==> flow/design.v <==
module dp_times_p (aclk, i_rst_n, da, db, prod);
    parameter DATA_W = 5;
    parameter COUNT = 4;
    localparam SUM_W = 2*DATA_W + $clog2(COUNT);
    input aclk;
    input i_rst_n;
    input [COUNT*DATA_W-1:0] da;
    input [COUNT*DATA_W-1:0] db;
    output [SUM_W-1:0] prod;
    reg [COUNT*DATA_W-1:0] da_ff;
    reg [COUNT*DATA_W-1:0] db_ff;
    reg [SUM_W-1:0] t;
    integer k;
    always @* begin
        t = 0;
        for (k = 0; k < COUNT; k = k + 1)
            t = t + da_ff[k*DATA_W +: DATA_W] * db_ff[k*DATA_W +: DATA_W];
    end
    assign prod = t;
    always @(posedge aclk or negedge i_rst_n) begin
        if (!i_rst_n) begin
            da_ff <= 0;
            db_ff <= 0;
        end else begin
            da_ff <= da;
            db_ff <= db;
        end
    end
endmodule
### From RTL to reports: dp_times_p

The steps from the RTL of dp_times_p to its reports follow in flow order.
Line numbers count from 1 in the design file above.
Cell names lack the library's common part.
A cell with n/a has no value.

| design | value |
|---|---|
| top | dp_times_p |
| clock port | aclk |
| standard-cell library | sky130hd |
| corner | tt_025C_1v80 |

### Word level

Source: Yosys, flattened and elaborated, memories not mapped. Widths are those after wreduce; folded enables and synchronous resets count as part of the registers. Registers that Yosys merges into a memory's read port (data or address) are not register bits. Print and check cells do not count. Equal cells are merged and count once.

| word-level totals | value |
|---|---|
| flip-flop bits (word level) | 40 |
| word-level cells | 9 |

| operators by class | value |
|---|---|
| add/sub/neg operators | 3 |
| $mul | 4 |

Operator list:

| cell | count |
|---|---|
| multiplier 5 x 5 -> 10 bit | 4 |
| adder 11 x 10 -> 12 bit | 1 |
| adder 12 x 10 -> 12 bit | 1 |
| adder 10 x 10 -> 11 bit | 1 |

### Longest topological paths

Yosys ltp: most cells in a row. Word level: on the elaborated netlist, between registers, memories and ports. Mapped: between sequential cells and ports; inverters and the memories' decode and read muxes count.

| logic depth | value |
|---|---|
| word-level depth | 4 |
| ABC_AREA | 0 |
| depth in mapped cells | 19 |

### Netlist

Source: synth_stat.txt of the flow (Yosys; design flattened, memories mapped). It holds for the ABC_AREA given above (unset counts as 0); a run with the other value may have another netlist.
The area totals of this step are shown rounded.

| synthesis totals | value |
|---|---|
| cell count | 424 |
| cell area after synthesis | 0.004567 mm² |
| sequential part of the area | 0.001001 mm² |
| flip-flop cells | 40 |

Cells by type:

| cell type | count | area in all (µm²) |
|---|---|---|
| fa_1 | 78 | 1.56E+03 |
| dfrtp_1 | 40 | 1000.96 |
| ha_1 | 62 | 775.744 |
| and2_1 | 70 | 437.92 |
| inv_1 | 105 | 394.128 |
| nand2_1 | 32 | 120.115 |
| xnor2_1 | 7 | 61.309 |
| a21oi_1 | 6 | 30.029 |
| xor2_1 | 3 | 26.275 |
| o41ai_2 | 1 | 16.266 |
| nand3_1 | 3 | 15.014 |
| o21a_1 | 2 | 15.014 |
| a211oi_2 | 1 | 12.512 |
| a221o_1 | 1 | 10.01 |
| a21o_2 | 1 | 8.758 |
| a21oi_2 | 1 | 8.758 |
| a41oi_1 | 1 | 8.758 |
| o21ai_2 | 1 | 8.758 |

Other cell types: 8; their cells: 9.

### Worst setup path after synthesis

OpenSTA on the mapped netlist: ideal clock, no wires. The path of least setup slack (recovery checks aside). Input and output delay are each 20% of the period. Register names are those of the netlist, which keeps one name where synthesis merged equal registers.

| timing path after synthesis | value |
|---|---|
| path kind | reg-to-output |
| start | register da_ff[12] |
| end | output port prod[8] |
| period | 8260 ps |
| output delay | 1652 ps |
| time at the first pin | 0 ps |
| data arrival time | 5288 ps |
| data required time | 6608 ps |
| setup slack | 1320 ps |
| path delay | 5288 ps |
| stages on the path | 20 |
| synthesis period reached | 6940 ps |

"path delay" is the arrival time less input delay plus setup time.
At an output port there is no setup time.
"stages on the path" counts driving pins, that of a launching flip-flop among them; a cell with two outputs on the path counts twice.
"synthesis period reached" = period - worst setup slack (recovery checks aside). The figure is calculated, with input and output delays left at 20% of the set period.
The rows between start and end are the longest chain of elaborated cells between them; the timing report does not say that the signal goes this way. Where chains are equally long, one stands for them.
Each line given opens the expression or statement behind the cell; cells for indexed reads and writes are added by Yosys, which also makes memories of some case tables.

| on the way, after synthesis | value |
|---|---|
| cell sequence | dfrtp_1 nand2_1 fa_1 inv_1 fa_1 inv_1 fa_1 inv_1 fa_1 fa_1 inv_1 fa_1 inv_1 fa_1 ha_1 o21ai_0 o21bai_1 a221o_1 a21oi_2 xnor2_1 |
| length of the longest elaborated chain | 3 |

Ends and longest elaborated chain, after synthesis:

| what | RTL line | text |
|---|---|---|
| from (decl) | 10 | `reg [COUNT*DATA_W-1:0] da_ff;` |
| from (assign) | 22 | `da_ff <= 0;` |
| from (assign) | 25 | `da_ff <= da;` |
| multiplier 5 x 5 -> 10 bit | 17 | `t = t + da_ff[k*DATA_W +: DATA_W] * db_ff[k*DATA_W +: DATA_W];` |
| adder 11 x 10 -> 12 bit | 17 |  |
| adder 12 x 10 -> 12 bit | 17 |  |
| to (decl) | 9 | `output [SUM_W-1:0] prod;` |

### Timing after layout

Path of least setup slack in the final report of run 1 (OpenROAD, finished layout, wires in). Where an end is a register, its clock arrival counts in the times.
The report prints the path's times to 10 ps; the period is as set.

| timing path post-layout | value |
|---|---|
| path kind | reg-to-output |
| start | register da_ff[12] |
| end | output port prod[11] |
| period | 8260 ps |
| output delay | 1650 ps |
| time at the first pin | 290 ps |
| data arrival time | 6360 ps |
| data required time | 6610 ps |
| setup slack | 240 ps |
| stages on the path | 21 |

The rows between start and end are the longest chain of elaborated cells between them; the timing report does not say that the signal goes this way. Where chains are equally long, one stands for them.

| on the way, post-layout | value |
|---|---|
| cell sequence | dfrtp_1 nand2_1 fa_1 inv_1 fa_1 inv_1 fa_1 inv_1 fa_1 fa_1 inv_1 fa_1 inv_1 fa_1 ha_1 a21o_1 nand3_1 o21ai_2 o41ai_4 xnor2_1 clkdlybuf4s50_1 |
| length of the longest elaborated chain | 3 |

Ends and longest elaborated chain, post-layout:

| what | RTL line | text |
|---|---|---|
| from (decl) | 10 | `reg [COUNT*DATA_W-1:0] da_ff;` |
| from (assign) | 22 | `da_ff <= 0;` |
| from (assign) | 25 | `da_ff <= da;` |
| multiplier 5 x 5 -> 10 bit | 17 | `t = t + da_ff[k*DATA_W +: DATA_W] * db_ff[k*DATA_W +: DATA_W];` |
| adder 11 x 10 -> 12 bit | 17 |  |
| adder 12 x 10 -> 12 bit | 17 |  |
| to (decl) | 9 | `output [SUM_W-1:0] prod;` |

--- measured runs ---
Stored flow runs of dp_times_p (3 of them; Yosys, OpenROAD, sky130hd). They differ in their settings and are not a sequence. Constraints: input delay and output delay 20% of the set period each, output load 0.01 pF.
"clock period reached": clock period set for the run, less the worst setup slack. It is reckoned from that one timing run; input and output delays stay at 20% of the period that was set.
"time on the worst setup path": the worst setup path's part of the clock period (all of it between registers, 20% less for each end at a port) less its slack. A launch clock that arrives late makes it longer, a capture clock that arrives late makes it shorter.
"time on the worst setup path" is given in steps of 10 ps.
The measured numbers are rounded.
Settings: - = not set for that run.

| stored run | period_ns | CAP_MARGIN | CORE_MARGIN | CORE_UTILIZATION | SLEW_MARGIN | SETUP_SLACK_MARGIN | PLACE_DENSITY_LB_ADDON | HOLD_SLACK_MARGIN | CORE_ASPECT_RATIO | CELL_PAD_IN_SITES_GLOBAL_PLACEMENT | ABC_AREA | GPL_ROUTABILITY_DRIVEN | CTS_CLUSTER_SIZE | PLACE_DENSITY | MIN_ROUTING_LAYER | MAX_ROUTING_LAYER | mapped cell area after synthesis (mm²) | full die area (mm²) | standard-cell area after layout (mm²) | utilization (%) | worst setup slack after layout (ps) | final setup TNS (ps) | clock period reached (ps) | time on the worst setup path (ps) | critical path type |
|---|---|---|---|---|---|---|---|---|---|---|---|---|---|---|---|---|---|---|---|---|---|---|---|---|---|
| run 1 | 8.26 | 20 | 2 | 40 | 20 | - | - | - | - | - | - | - | - | - | - | - | 0.004567 | 0.01229 | 0.005436 | 48.2 | 245 | 0 | 8015 | 6360 | reg-to-output |
| run 2 | 4.92 | 20 | 2 | 23 | 40 | 1.1 | 0.0 | 0.19 | 1.69 | 3 | 0 | 0 | 93 | - | - | - | 0.004567 | 0.02104 | 0.006131 | 31.3 | -1827 | -14930 | 6747 | 5760 | reg-to-output |
| run 3 | 6.1 | 20 | 2 | 41 | 20 | - | - | - | - | - | - | 0 | 85 | 0.45 | met1 | met5 | 0.004567 | 0.012 | 0.005838 | 53.9 | -926 | -6539 | 7026 | 5810 | reg-to-output |
--- end ---
